==> flow/design.v <==
module dp_arith_n #(
   parameter W = 72
) (
   input  logic ck,
   input  logic resetn,
   input  logic signed [W-1:0] a_in,
   input  logic signed [W-1:0] b_in,
   input  logic dir_in,
   output logic [W-1:0] result_out,
   output logic carry_out_out
);
   logic signed [W-1:0] a_ff;
   logic signed [W-1:0] b_ff;
   logic dir_ff;
   logic [W-1:0] w2;
   assign w2 = b_ff ^ {W{dir_ff}};
   logic [W-1:0] nxt;
   assign nxt = $unsigned(a_ff) + w2 + dir_ff;
   always_ff @(posedge ck or negedge resetn) begin
      if (!resetn) begin
         a_ff <= '0;
         b_ff <= '0;
         dir_ff <= 1'b0;
         result_out <= '0;
         carry_out_out <= 1'b0;
      end else begin
         a_ff <= a_in;
         b_ff <= b_in;
         dir_ff <= dir_in;
         result_out <= nxt[W-1:0];
         carry_out_out <= (a_ff[W-1] == w2[W-1]) && (nxt[W-1] != a_ff[W-1]);
      end
   end
endmodule
* Step by step through the tools: dp_arith_n
The steps from the RTL of dp_arith_n to its reports follow in flow order.
Line numbers count from 1 in the design file above.
Operators carry their Yosys type and port widths (W data, S select, Z words).
A cell with - has no value.
- Top module :: dp_arith_n
- Clock port :: ck
- Standard-cell library :: sky130hd
- Timing corner :: tt_025C_1v80

* Word-level counts
Yosys after proc, flatten, opt, wreduce and memory -nomap, before mapping. Enables and synchronous resets that opt folds into registers are not counted as muxes. Memory bits, and registers merged into a memory's read port (data or address), are not among the register bits. Print and check cells are not counted. Equal cells are merged and count once.
- $add $sub $neg :: 2
- Multiply operators :: 0
- Divide/modulo/power cells :: 0
- $lt $le $gt $ge :: 0
- Equality and inequality tests :: 2
- Shifts and indexed selects :: 0
- Muxes and demuxes :: 0
- Bitwise gates (word level) :: 1
- Reduce/logical cells :: 1
** Operators by type and width (number)
- $add A72 B1 Y72 :: 1
- $add A72 B72 Y72 :: 1
- $xor A72 B72 Y72 :: 1
- $eq A1 B1 Y1 :: 1
- $ne A1 B1 Y1 :: 1
- $logic_and A1 B1 Y1 :: 1
- Flip-flop bits (word level) :: 218
- Bits in latches :: 0
- Memory bits (writable) :: 0
- Memory bits (read-only) :: 0
- Word width x clocked read ports :: 0
- Memory cells :: 0
- Output and inout port bits :: 73
- Word-level cells :: 11

* Longest topological paths
Longest topological path by Yosys (ltp), each cell counted once; first at word level (registers and memories cut), then after technology mapping (sequential cells cut; the memories' decode and read muxes count).
- Depth after elaboration :: 5
- ABC_AREA :: 0
- Depth in mapped cells :: 14

* After synthesis
Source: synth_stat.txt of the flow (Yosys; design flattened, memories mapped). It holds for the ABC_AREA given above (unset counts as 0); a run with the other value may have another netlist.
Totals and module areas in this step are rounded.
- Mapped cells :: 987
- Chip area (Yosys) :: 10600 um2
- Sequential area :: 5460 um2
- Flip-flops :: 218
- Buffer cells :: 44
** Cells by type
- sky130_fd_sc_hd__dfrtp_1 :: number 218, area in all 5.46E+03 um2
- sky130_fd_sc_hd__ha_1 :: number 70, area in all 875.84 um2
- sky130_fd_sc_hd__xor2_1 :: number 99, area in all 867.082 um2
- sky130_fd_sc_hd__a21oi_1 :: number 93, area in all 465.446 um2
- sky130_fd_sc_hd__xnor2_1 :: number 39, area in all 341.578 um2
- sky130_fd_sc_hd__nand2_1 :: number 67, area in all 251.491 um2
- sky130_fd_sc_hd__a21o_1 :: number 29, area in all 217.709 um2
- sky130_fd_sc_hd__nand4_1 :: number 29, area in all 181.424 um2
- sky130_fd_sc_hd__nor2_1 :: number 48, area in all 180.173 um2
- sky130_fd_sc_hd__o21ai_0 :: number 36, area in all 180.173 um2
- sky130_fd_sc_hd__o21ai_1 :: number 29, area in all 145.139 um2
- sky130_fd_sc_hd__inv_1 :: number 27, area in all 101.347 um2
- sky130_fd_sc_hd__o21bai_1 :: number 13, area in all 97.594 um2
- sky130_fd_sc_hd__buf_2 :: number 17, area in all 85.082 um2
- sky130_fd_sc_hd__nand3_1 :: number 17, area in all 85.082 um2
- sky130_fd_sc_hd__o21a_1 :: number 10, area in all 75.072 um2
- sky130_fd_sc_hd__clkbuf_1 :: number 18, area in all 67.565 um2
- sky130_fd_sc_hd__nor3_1 :: number 11, area in all 55.053 um2
Other cell types: 46; their cells: 117.

* Worst setup path after synthesis
OpenSTA on the mapped netlist: ideal clock, no wires. The path of least setup slack (recovery checks aside). Input and output delay are each 20% of the period. Register names are those of the netlist, which keeps one name where synthesis merged equal registers.
- Path kind :: register to register
- From :: register dir_ff
- To :: register result_out[71]
- Clock period :: 4270 ps
- Library setup time :: 123 ps
- Launch time at the first pin :: 0 ps
- Arrival :: 3290 ps
- Data required time :: 4147 ps
- Setup slack :: 857 ps
- Path delay :: 3413 ps
- Stages :: 14
- Path buffers :: 3
- Period reached after synthesis :: 3413 ps
"path delay" = arrival - input delay + setup time.
"stages": output pins that drive a net of the path, with the launching flip-flop's if there is one; two outputs of one cell count as two.
"period reached after synthesis" = period - worst setup slack (recovery checks aside). The figure is calculated, with input and output delays left at 20% of the set period.
Between the ends stands the longest chain of elaborated cells between them, by number of cells; it is not shown to be the way that was timed. Of several equally long chains one is given.
Each line given opens the expression or statement behind the cell; cells for indexed reads and writes are added by Yosys, which also makes memories of some case tables.
- Cell sequence :: sky130_fd_sc_hd__dfrtp_1 -> sky130_fd_sc_hd__buf_2 -> sky130_fd_sc_hd__buf_1 -> sky130_fd_sc_hd__xor2_1 -> sky130_fd_sc_hd__ha_1 -> sky130_fd_sc_hd__buf_2 -> sky130_fd_sc_hd__nand4_2 -> sky130_fd_sc_hd__or4_1 -> sky130_fd_sc_hd__a31o_1 -> sky130_fd_sc_hd__nand4_2 -> sky130_fd_sc_hd__nand2_2 -> sky130_fd_sc_hd__or4_4 -> sky130_fd_sc_hd__a41o_1 -> sky130_fd_sc_hd__xnor2_1
- Length of the longest elaborated chain :: 3
** RTL lines, path post-synthesis
- start: declaration :: RTL line 14 : logic dir_ff;
- start: assignment :: RTL line 23 : dir_ff <= 1'b0;
- start: assignment :: RTL line 29 : dir_ff <= dir_in;
- $xor A72 B72 Y72 :: RTL line 16 : assign w2 = b_ff ^ {W{dir_ff}};
- $add A72 B72 Y72 :: RTL line 18 : assign nxt = $unsigned(a_ff) + w2 + dir_ff;
- $add A72 B1 Y72 :: RTL line 18
- end: assignment :: RTL line 24 : result_out <= '0;
- end: assignment :: RTL line 30 : result_out <= nxt[W-1:0];
- end: declaration :: RTL line 9 : output logic [W-1:0] result_out,

* Worst path after layout
From the final timing report of record 1: the path of least setup slack in the routed layout; clock arrival at registers is part of the times.
The report prints the path's times to 10 ps; the period is as set.
- Path kind :: register to register
- From :: register dir_ff
- To :: register result_out[64]
- Clock period :: 4270 ps
- Library setup time :: 100 ps
- Launch time at the first pin :: 520 ps
- Arrival :: 4300 ps
- Data required time :: 4690 ps
- Setup slack :: 390 ps
- Stages :: 12
- Path buffers :: 0
Between the ends stands the longest chain of elaborated cells between them, by number of cells; it is not shown to be the way that was timed. Of several equally long chains one is given.
- Cell sequence :: sky130_fd_sc_hd__dfrtp_4 -> sky130_fd_sc_hd__mux2i_1 -> sky130_fd_sc_hd__fa_1 -> sky130_fd_sc_hd__nor2b_1 -> sky130_fd_sc_hd__o2111a_1 -> sky130_fd_sc_hd__o311ai_1 -> sky130_fd_sc_hd__a21oi_1 -> sky130_fd_sc_hd__o22ai_1 -> sky130_fd_sc_hd__o21bai_1 -> sky130_fd_sc_hd__a21oi_1 -> sky130_fd_sc_hd__o21ai_1 -> sky130_fd_sc_hd__a211oi_1
- Length of the longest elaborated chain :: 3
** RTL lines, path after layout
- start: declaration :: RTL line 14 : logic dir_ff;
- start: assignment :: RTL line 23 : dir_ff <= 1'b0;
- start: assignment :: RTL line 29 : dir_ff <= dir_in;
- $xor A72 B72 Y72 :: RTL line 16 : assign w2 = b_ff ^ {W{dir_ff}};
- $add A72 B72 Y72 :: RTL line 18 : assign nxt = $unsigned(a_ff) + w2 + dir_ff;
- $add A72 B1 Y72 :: RTL line 18
- end: assignment :: RTL line 24 : result_out <= '0;
- end: assignment :: RTL line 30 : result_out <= nxt[W-1:0];
- end: declaration :: RTL line 9 : output logic [W-1:0] result_out,

Measured data: module dp_arith_n, platform sky130hd, 3 stored runs of the flow under differing settings, order arbitrary. Input and output delays are each 20% of the period that was set; the output load is 0.01 pF.
"period reached" = clock period - worst setup slack. The figure is calculated, with input and output delays left at 20% of the set period.
"time on the worst setup path" = time allowed to the worst setup path (clock period - input delay - output delay, where it has them) - its slack; a late launch clock adds to it, a late capture clock takes from it.
"time on the worst setup path" is known to 10 ps.
The results are shown rounded.

** Record 1
- Settings :: period_ns=4.27; CAP_MARGIN=20; CORE_MARGIN=2; CORE_UTILIZATION=40; SLEW_MARGIN=20
- Standard-cell area of the final layout :: 13900 um2
- Period reached :: 3879 ps
- Worst setup slack after layout :: 391 ps
- Time on the worst setup path :: 3880 ps
- Worst path kind :: register to register
- Netlist area reported by Yosys :: 10600 um2
- Die footprint :: 27900 um2

** Record 2
- Settings :: period_ns=3.49; CORE_UTILIZATION=39; SETUP_SLACK_MARGIN=0.93; CORE_MARGIN=8; CELL_PAD_IN_SITES_DETAIL_PLACEMENT=1; CTS_CLUSTER_SIZE=86; CTS_CLUSTER_DIAMETER=69; MAX_ROUTING_LAYER=met5; CAP_MARGIN=20; SLEW_MARGIN=20
- Standard-cell area of the final layout :: 16800 um2
- Period reached :: 3669 ps
- Worst setup slack after layout :: -179 ps
- Time on the worst setup path :: 3670 ps
- Worst path kind :: register to register
- Netlist area reported by Yosys :: 10600 um2
- Die footprint :: 32800 um2

** Record 3
- Settings :: period_ns=3.54; CORE_UTILIZATION=39; SETUP_SLACK_MARGIN=0.91; PLACE_DENSITY_LB_ADDON=0.21; GPL_ROUTABILITY_DRIVEN=0; CTS_CLUSTER_SIZE=40; MIN_ROUTING_LAYER=met2; CAP_MARGIN=20; CORE_MARGIN=2; SLEW_MARGIN=20
- Standard-cell area of the final layout :: 15600 um2
- Period reached :: 3381 ps
- Worst setup slack after layout :: 159 ps
- Time on the worst setup path :: 3380 ps
- Worst path kind :: register to register
- Netlist area reported by Yosys :: 10600 um2
- Die footprint :: 28600 um2
